==> flow/design.v <==
module selector #(
    parameter DWIDTH = 2,
    parameter N_IN = 20,
    parameter SW = $clog2(N_IN)
) (
    input wire clk,
    input wire [N_IN*DWIDTH-1:0] in,
    input wire [SW-1:0] idx,
    output wire [DWIDTH-1:0] y
);
    wire [DWIDTH-1:0] lanes [0:N_IN-1];
    genvar k;
    generate
        for (k = 0; k < N_IN; k = k + 1) begin : stage
            assign lanes[k] = in[k*DWIDTH +: DWIDTH];
        end
    endgenerate
    reg [DWIDTH-1:0] y_r;
    always @(posedge clk) begin
        y_r <= lanes[idx];
    end
    assign y = y_r;
endmodule
[From RTL to reports: selector]
The steps from the RTL of selector to its reports follow in flow order.
Line numbers count from 1 in the design file above.
Library cell names are shortened.
Not given: n/a
Set-up
  top module: selector
  clock input: clk
  library: sky130hd
  library corner: tt_025C_1v80

[Elaborated design]
Yosys after proc, flatten, opt, wreduce and memory -nomap, before mapping. Enables and synchronous resets that opt folds into registers are not counted as muxes. Memory bits, and registers merged into a memory's read port (data or address), are not among the register bits. Print and check cells are not counted. Equal cells are merged and count once.
Storage and ports
  RAM bits: 0
  output and inout port bits: 2
  latch bits: 0
  memories kept: 0
  clocked read ports x word width: 0
  input port bits: 46
  cells after elaboration: 22
  memory bits (read-only): 0
  register bits after elaboration: 2
Cells by class
  bitwise gates (word level): 0
  equality and inequality tests: 19
  reductions and logical operators: 1
  shifts and indexed selects: 0
  order comparisons: 0
  multiply operators: 0
  add/subtract/negate cells: 0
  div/mod/pow operators: 0
  muxes and demuxes: 1
Operator list (count)
  equality test 5 x 4 -> 1 bit with constant B: 8
  parallel mux 2 bit (select 20 bit): 1
  equality test 5 x 3 -> 1 bit with constant B: 4
  equality test 5 bit with constant B: 4
  equality test 5 x 2 -> 1 bit with constant B: 2
  equality test 5 x 1 -> 1 bit with constant B: 1
  logical NOT 5 bit: 1

[Longest topological paths]
Depth = most cells in a row (Yosys ltp): at word level without a register or memory, in the mapped netlist without a sequential cell, where the memories' decode and read muxes count.
Logic depth
  depth in word-level cells: 2
  ABC_AREA: 0
  gate-level depth with buffers: 6
  gate-level depth less buffers: 4

[Mapped cells and area]
The flow's flattened synthesis, as Yosys stat reports it; memories are mapped. The netlist is that of the ABC_AREA named above (0 if unset); the other value can give another one.
Totals and module areas in this step are rounded.
Synthesis totals
  cell area after synthesis: 614.3 µm²
  flip-flop cells: 2
  cell count: 78
  buffers: 8
Cell types
  mux2i_1: count 7, total area 70.067 µm²
  mux2_2: count 4, total area 45.043 µm²
  nand3b_1: count 6, total area 45.043 µm²
  dfxtp_1: count 2, total area 40.038 µm²
  buf_6: count 3, total area 33.782 µm²
  buf_2: count 5, total area 25.024 µm²
  nand2b_1: count 4, total area 25.024 µm²
  nor3b_1: count 3, total area 22.522 µm²
  nor4bb_1: count 2, total area 20.019 µm²
  o21ai_0: count 4, total area 20.019 µm²
  nor2_1: count 5, total area 18.768 µm²
  a32oi_1: count 2, total area 17.517 µm²
  o32ai_1: count 2, total area 17.517 µm²
  a41oi_2: count 1, total area 16.266 µm²
  a2111oi_2: count 1, total area 15.014 µm²
  nand2_1: count 4, total area 15.014 µm²
  a211oi_2: count 1, total area 12.512 µm²
  and3_1: count 2, total area 12.512 µm²
Not listed: further types 17, cells in them 20.

[Timing after synthesis]
OpenSTA on the mapped netlist: ideal clock, no wires. The path of least setup slack (recovery checks aside). Input and output delay are each 20% of the period. Register names are those of the netlist, which keeps one name where synthesis merged equal registers.
Timing path after synthesis
  path type: input -> register
  from: in idx[4]
  to: reg y_r[0]
  path buffers: 2
  period: 1730 ps
  setup slack: 277 ps
  delay of the path: 1107 ps
  setup time: 138 ps
  arrival time: 1315 ps
  data required time: 1592 ps
  driving pins on the path: 5
  synthesis period reached: 1453 ps
"delay of the path" is the arrival time less input delay plus setup time.
"driving pins on the path" counts driving pins, that of a launching flip-flop among them; a cell with two outputs on the path counts twice.
"synthesis period reached" is the clock period less the worst setup slack; recovery checks do not enter. This is arithmetic on one report: input and output delays are still those of the set period (20% each).
The rows between start and end are the longest chain of elaborated cells between them; the timing report does not say that the signal goes this way. Where chains are equally long, one stands for them.
A line is the first line of the expression or statement that the cell stems from. Yosys adds cells for indexed reads and writes and turns some case tables into memories.
On the way, after synthesis
  path through: buf_2 > buf_6 > a31o_1 > a2111oi_2 > a41oi_2
  length of the longest elaborated chain: 2
  elaborated cells between the ends (all ways): 21
  RTL lines with such cells: 1
  those cells by class: eq/ne (19); mux (1); reduce/logical (1)
Ends and longest elaborated chain, after synthesis
  from (decl): RTL line 8  | input wire [SW-1:0] idx,
  equality test 5 bit: RTL line 20  | y_r <= lanes[idx];
  parallel mux 2 bit (select 20 bit): RTL line 20
  to (assign): RTL line 20
  to (decl): RTL line 18  | reg [DWIDTH-1:0] y_r;

[Timing after layout]
From the final timing report of stored run 1: the path of least setup slack in the routed layout; clock arrival at registers is part of the times.
The path's times are printed in steps of 10 ps; the period is the one set.
Timing path post-layout
  path type: input -> register
  from: in idx[1]
  to: reg y_r[0]
  data required time: 970 ps
  arrival time: 1210 ps
  setup slack: -240 ps
  path buffers: 3
  driving pins on the path: 6
  setup time: 140 ps
  period: 884 ps
The rows between start and end are the longest chain of elaborated cells between them; the timing report does not say that the signal goes this way. Where chains are equally long, one stands for them.
On the way, post-layout
  path through: buf_6 > buf_6 > buf_6 > and4b_1 > a2111oi_4 > a41oi_2
  length of the longest elaborated chain: 2
  elaborated cells between the ends (all ways): 21
  RTL lines with such cells: 1
  those cells by class: eq/ne (19); mux (1); reduce/logical (1)
Ends and longest elaborated chain, post-layout
  from (decl): RTL line 8  | input wire [SW-1:0] idx,
  equality test 5 bit: RTL line 20  | y_r <= lanes[idx];
  parallel mux 2 bit (select 20 bit): RTL line 20
  to (assign): RTL line 20
  to (decl): RTL line 18  | reg [DWIDTH-1:0] y_r;

Ticket comment

Settings and measured results of 3 stored flow runs for module selector (sky130hd), not sorted in any way. The constraints put input and output delay at 20% of the set period each and load the outputs with 0.01 pF.
"worst setup path time": the worst setup path's part of the clock period (all of it between registers, 20% less for each end at a port) less its slack. A launch clock that arrives late makes it longer, a capture clock that arrives late makes it shorter.
By "total power of the final layout" is meant OpenSTA's value without simulated activity: inputs other than the clock are taken to toggle once in ten clock periods, and the tool carries that through the logic.
"worst setup path time" is known to 10 ps.
Measured values are rounded.

==> stored run 1: settings <==
{ "period_ns": 0.884, "CORE_UTILIZATION": 25, "SETUP_SLACK_MARGIN": 0.2, "PLACE_DENSITY": 0.76, "CORE_ASPECT_RATIO": 1.26, "CORE_MARGIN": 2, "GPL_ROUTABILITY_DRIVEN": 0, "CTS_CLUSTER_SIZE": 50, "CAP_MARGIN": 35, "SLEW_MARGIN": 35, "MIN_ROUTING_LAYER": "met1", "MAX_ROUTING_LAYER": "met4" }
==> stored run 1: results <==
area of the die: 2872 µm²
worst setup slack after layout: -239 ps
std-cell area (final layout): 1450 µm²
total power of the final layout: 0.9120 mW
synthesized cell area: 614.3 µm²
worst setup path time: 950 ps
class of the worst setup path: input -> register
utilization: 0.61

==> stored run 2: settings <==
{ "period_ns": 2.29, "CORE_UTILIZATION": 22, "SETUP_SLACK_MARGIN": -0.05, "PLACE_DENSITY_LB_ADDON": 0.23, "HOLD_SLACK_MARGIN": 0.18, "CELL_PAD_IN_SITES_GLOBAL_PLACEMENT": 3, "CTS_CLUSTER_SIZE": 91, "CTS_CLUSTER_DIAMETER": 227, "MIN_ROUTING_LAYER": "met2", "CAP_MARGIN": 20, "CORE_MARGIN": 2, "SLEW_MARGIN": 20 }
==> stored run 2: results <==
area of the die: 3231 µm²
worst setup slack after layout: 263 ps
std-cell area (final layout): 1147 µm²
total power of the final layout: 0.3016 mW
synthesized cell area: 614.3 µm²
worst setup path time: 1570 ps
class of the worst setup path: input -> register
utilization: 0.423

==> stored run 3: settings <==
{ "period_ns": 1.73, "CAP_MARGIN": 20, "CORE_MARGIN": 2, "CORE_UTILIZATION": 40, "SLEW_MARGIN": 20 }
==> stored run 3: results <==
area of the die: 1865 µm²
worst setup slack after layout: 106 ps
std-cell area (final layout): 1246 µm²
total power of the final layout: 0.4270 mW
synthesized cell area: 614.3 µm²
worst setup path time: 1280 ps
class of the worst setup path: input -> register
utilization: 0.847
